==> flow/design.v <==
module core_ram_block #(
    parameter NREGS = 8,
    parameter BITS = 2,
    parameter RP = 4,
    parameter WPORTS = 6,
    parameter ADDR_W = $clog2(NREGS)
) (
    input  wire ck,
    input  wire [WPORTS-1:0] wen,
    input  wire [WPORTS*ADDR_W-1:0] wsel,
    input  wire [WPORTS*BITS-1:0] write_data,
    input  wire [RP*ADDR_W-1:0] rd_idx,
    output wire [RP*BITS-1:0] q
);
    reg [BITS-1:0] ram [NREGS-1:0];
    integer n;
    always @(posedge ck) begin
        for (n = 0; n < WPORTS; n = n + 1)
            if (wen[n]) ram[wsel[n*ADDR_W +: ADDR_W]] <= write_data[n*BITS +: BITS];
    end
    wire [RP*BITS-1:0] work;
    genvar m;
    generate
        for (m = 0; m < RP; m = m + 1) begin : slice
            assign work[m*BITS +: BITS] = ram[rd_idx[m*ADDR_W +: ADDR_W]];
        end
    endgenerate
    assign q = work;
endmodule
# ---- Tool chain data of core_ram_block
# What the tools print for core_ram_block, step after step.
# Line numbers count from 1 in the design file above.
# Library cell names are shortened.
# A cell with n/a has no value.
dict set report inputs {
  design {core_ram_block}
  clk_port {ck}
  cell_library {sky130hd}
  corner {tt_025C_1v80}
}

# ---- Word-level counts
# Yosys after proc, flatten, opt, wreduce and memory -nomap, before mapping. Enables and synchronous resets that opt folds into registers are not counted as muxes. Memory bits, and registers merged into a memory's read port (data or address), are not among the register bits. Print and check cells are not counted. Equal cells are merged and count once.
# Yosys's memory passes give these memory sizes; they may raise the number of words (mostly to a power of two), join words into wider ones and drop unused or constant bits.
dict set report word_totals {
  wordCells 19
  input_bits 49
  register_bits 0
  memories 1
  mem_bits_rw 16
  out_inout_bits 8
}
dict set report classes {
  mux 18
}
# name size width read_ports wr line_no
set mem_list {}
lappend mem_list {ram 8 2 4 6 15} ;# reg [BITS-1:0] ram [NREGS-1:0];
# op n
set ops {}
lappend ops {{2-to-1 mux 3 bit} 6}
lappend ops {{2-to-1 mux 2 bit} 6}
lappend ops {{2-to-1 mux 1 bit} 6}

# ---- Logic depth
# Longest topological path by Yosys (ltp), each cell counted once; first at word level (registers and memories cut), then after technology mapping (sequential cells cut; the memories' decode and read muxes count).
dict set report logic_depth {
  depth_word 1
  ABC_AREA 0
  ltp_mapped 5
  depth_no_buf 4
}

# ---- After synthesis
# Yosys stat after the flow's synthesis: flattened, memories mapped to cells. It holds for the ABC_AREA given above (unset counts as 0); a run with the other value may have another netlist.
dict set report mapped {
  flip_flops 16
  sequential_area_mm2 0.0004805
  buf_cells 10
  cells 248
  synth_area_mm2 0.0023873
}
# cell_type n area_total_um2
set types {}
lappend types {edfxtp_1 16 480.461}
lappend types {mux4_2 16 360.346}
lappend types {mux2_2 14 157.651}
lappend types {mux2i_1 10 100.096}
lappend types {nand4b_1 9 78.826}
lappend types {and4bb_1 6 75.072}
lappend types {and4bb_2 6 75.072}
lappend types {a21oi_1 13 65.062}
lappend types {nor2_1 17 63.811}
lappend types {nor4b_2 4 60.058}
lappend types {o31ai_1 8 60.058}
lappend types {a31oi_1 9 56.304}
lappend types {nand2_1 15 56.304}
lappend types {a21o_1 6 45.043}
lappend types {nor3b_1 6 45.043}
lappend types {nand4_1 7 43.792}
lappend types {nor2b_1 7 43.792}
lappend types {a221o_1 4 40.038}
# Not listed: further types 30, cells in them 75.

# ---- Path before layout
# Source: OpenSTA report_checks on the synthesized netlist (no wires, ideal clock, input and output delay 20% of the period each), path of least setup slack; recovery checks are left aside. Register names are those of the netlist, which keeps one name where synthesis merged equal registers.
dict set report synth_timing {
  kind {input to register}
  start {input wsel[6]}
  end {memory ram[4][0]}
  arrival_time_ns 1.538
  launch_ns 0.428
  path_slack_ns 0.343
  setup_time_ns 0.259
  in_delay_ns 0.428
  required_ns 1.881
  path_delay_ns 1.369
  n_path_buf 1
  clock_period_ns 2.14
  driving_pins 5
  period_less_setup_slack_ns 1.797
}
# "path_delay_ns" is the arrival time less input delay plus setup time.
# "driving_pins": output pins that drive a net of the path, with the launching flip-flop's if there is one; two outputs of one cell count as two.
# "period_less_setup_slack_ns" = period - worst setup slack (recovery checks aside). The figure is calculated, with input and output delays left at 20% of the set period.
# Between the ends stands the longest chain of elaborated cells between them, by number of cells; it is not shown to be the way that was timed. Of several equally long chains one is given.
# A line is the first line of the expression or statement that the cell stems from. Yosys adds cells for indexed reads and writes and turns some case tables into memories.
dict set report synth_via {
  cell_sequence {buf_2 or3b_1 or3_1 a22oi_1 o21ai_1}
  elab_chain_len 1
  cells_between 1
  cone_lines 1
  cone_classes {mux: 1}
}
# item line_no
set synth_rtl {}
lappend synth_rtl {{start, declared} 10} ;# input  wire [WPORTS*ADDR_W-1:0] wsel,
lappend synth_rtl {{2-to-1 mux 3 bit} 19} ;# if (wen[n]) ram[wsel[n*ADDR_W +: ADDR_W]] <= write_data[n*BITS +: BITS];
lappend synth_rtl {{end, declared} 15} ;# reg [BITS-1:0] ram [NREGS-1:0];

# ---- Path in the finished layout
# Path of least setup slack in the final report of flow run 1 (OpenROAD, finished layout, wires in). Where an end is a register, its clock arrival counts in the times.
dict set report layout_timing {
  kind {register to output}
  start {memory ram[1][1]}
  end {output q[1]}
  out_delay_ns 0.43
  n_path_buf 2
  arrival_time_ns 1.68
  path_slack_ns 0.03
  clock_period_ns 2.14
  required_ns 1.71
  driving_pins 5
  launch_ns 0.24
}
# Between the ends stands the longest chain of elaborated cells between them, by number of cells; it is not shown to be the way that was timed. Of several equally long chains one is given.
# A memory read counts as a cell of the chain, while the word-level depth stops at memories.
dict set report layout_via {
  cell_sequence {edfxtp_1 buf_4 mux4_2 mux2_4 buf_6}
  elab_chain_len 1
  cells_between 1
  cone_lines 1
  cone_classes {memory: 1}
}
# item line_no
set layout_rtl {}
lappend layout_rtl {{start, declared} 15} ;# reg [BITS-1:0] ram [NREGS-1:0];
lappend layout_rtl {{memory (8 x 2 bit)} 15}
lappend layout_rtl {{end, declared} 13} ;# output wire [RP*BITS-1:0] q

; core_ram_block through Yosys and OpenROAD on sky130hd: 2 stored runs, unordered, with their settings and measured results. The constraints put input and output delay at 20% of the set period each and load the outputs with 0.01 pF.
; "period_reached_ns" = clock period - worst setup slack. The figure is calculated, with input and output delays left at 20% of the set period.
; "worst_path_allowed_less_slack_ns" is the time allowed to the run's worst setup path (the clock period less input and output delay, where it has them) less its slack. Clock arrival times count: a late capture clock shortens it, a late launch clock lengthens it.
; "power_total_mw": no workload was simulated; the value follows from the tool's default switching activity.

[flow run 1: settings]
period_ns = 2.14
CAP_MARGIN = 20
CORE_MARGIN = 2
CORE_UTILIZATION = 40
SLEW_MARGIN = 20
[flow run 1: results]
period_reached_ns = 2.111
fin_util_pct = 60.7
power_total_mw = 1.402
cell_area_final_mm2 = 0.0035534
synth_area_mm2 = 0.0023873
die_footprint_mm2 = 0.0066024
worst_path_allowed_less_slack_ns = 1.68
worstPathKind = register to output
hold_worst_slack_ns = 1.057
fin_tns_ns = 0.000
setup_ws_ns = 0.029

[flow run 2: settings]
period_ns = 3.37
CORE_UTILIZATION = 36
SETUP_SLACK_MARGIN = 0.37
PLACE_DENSITY_LB_ADDON = 0.13
CAP_MARGIN = 30
SLEW_MARGIN = 35
MIN_ROUTING_LAYER = met1
MAX_ROUTING_LAYER = met5
CORE_MARGIN = 2
[flow run 2: results]
period_reached_ns = 2.784
fin_util_pct = 47.6
power_total_mw = 0.8068
cell_area_final_mm2 = 0.0030379
synth_area_mm2 = 0.0023873
die_footprint_mm2 = 0.0072991
worst_path_allowed_less_slack_ns = 1.44
worstPathKind = input to output
hold_worst_slack_ns = 1.336
fin_tns_ns = 0.000
setup_ws_ns = 0.586
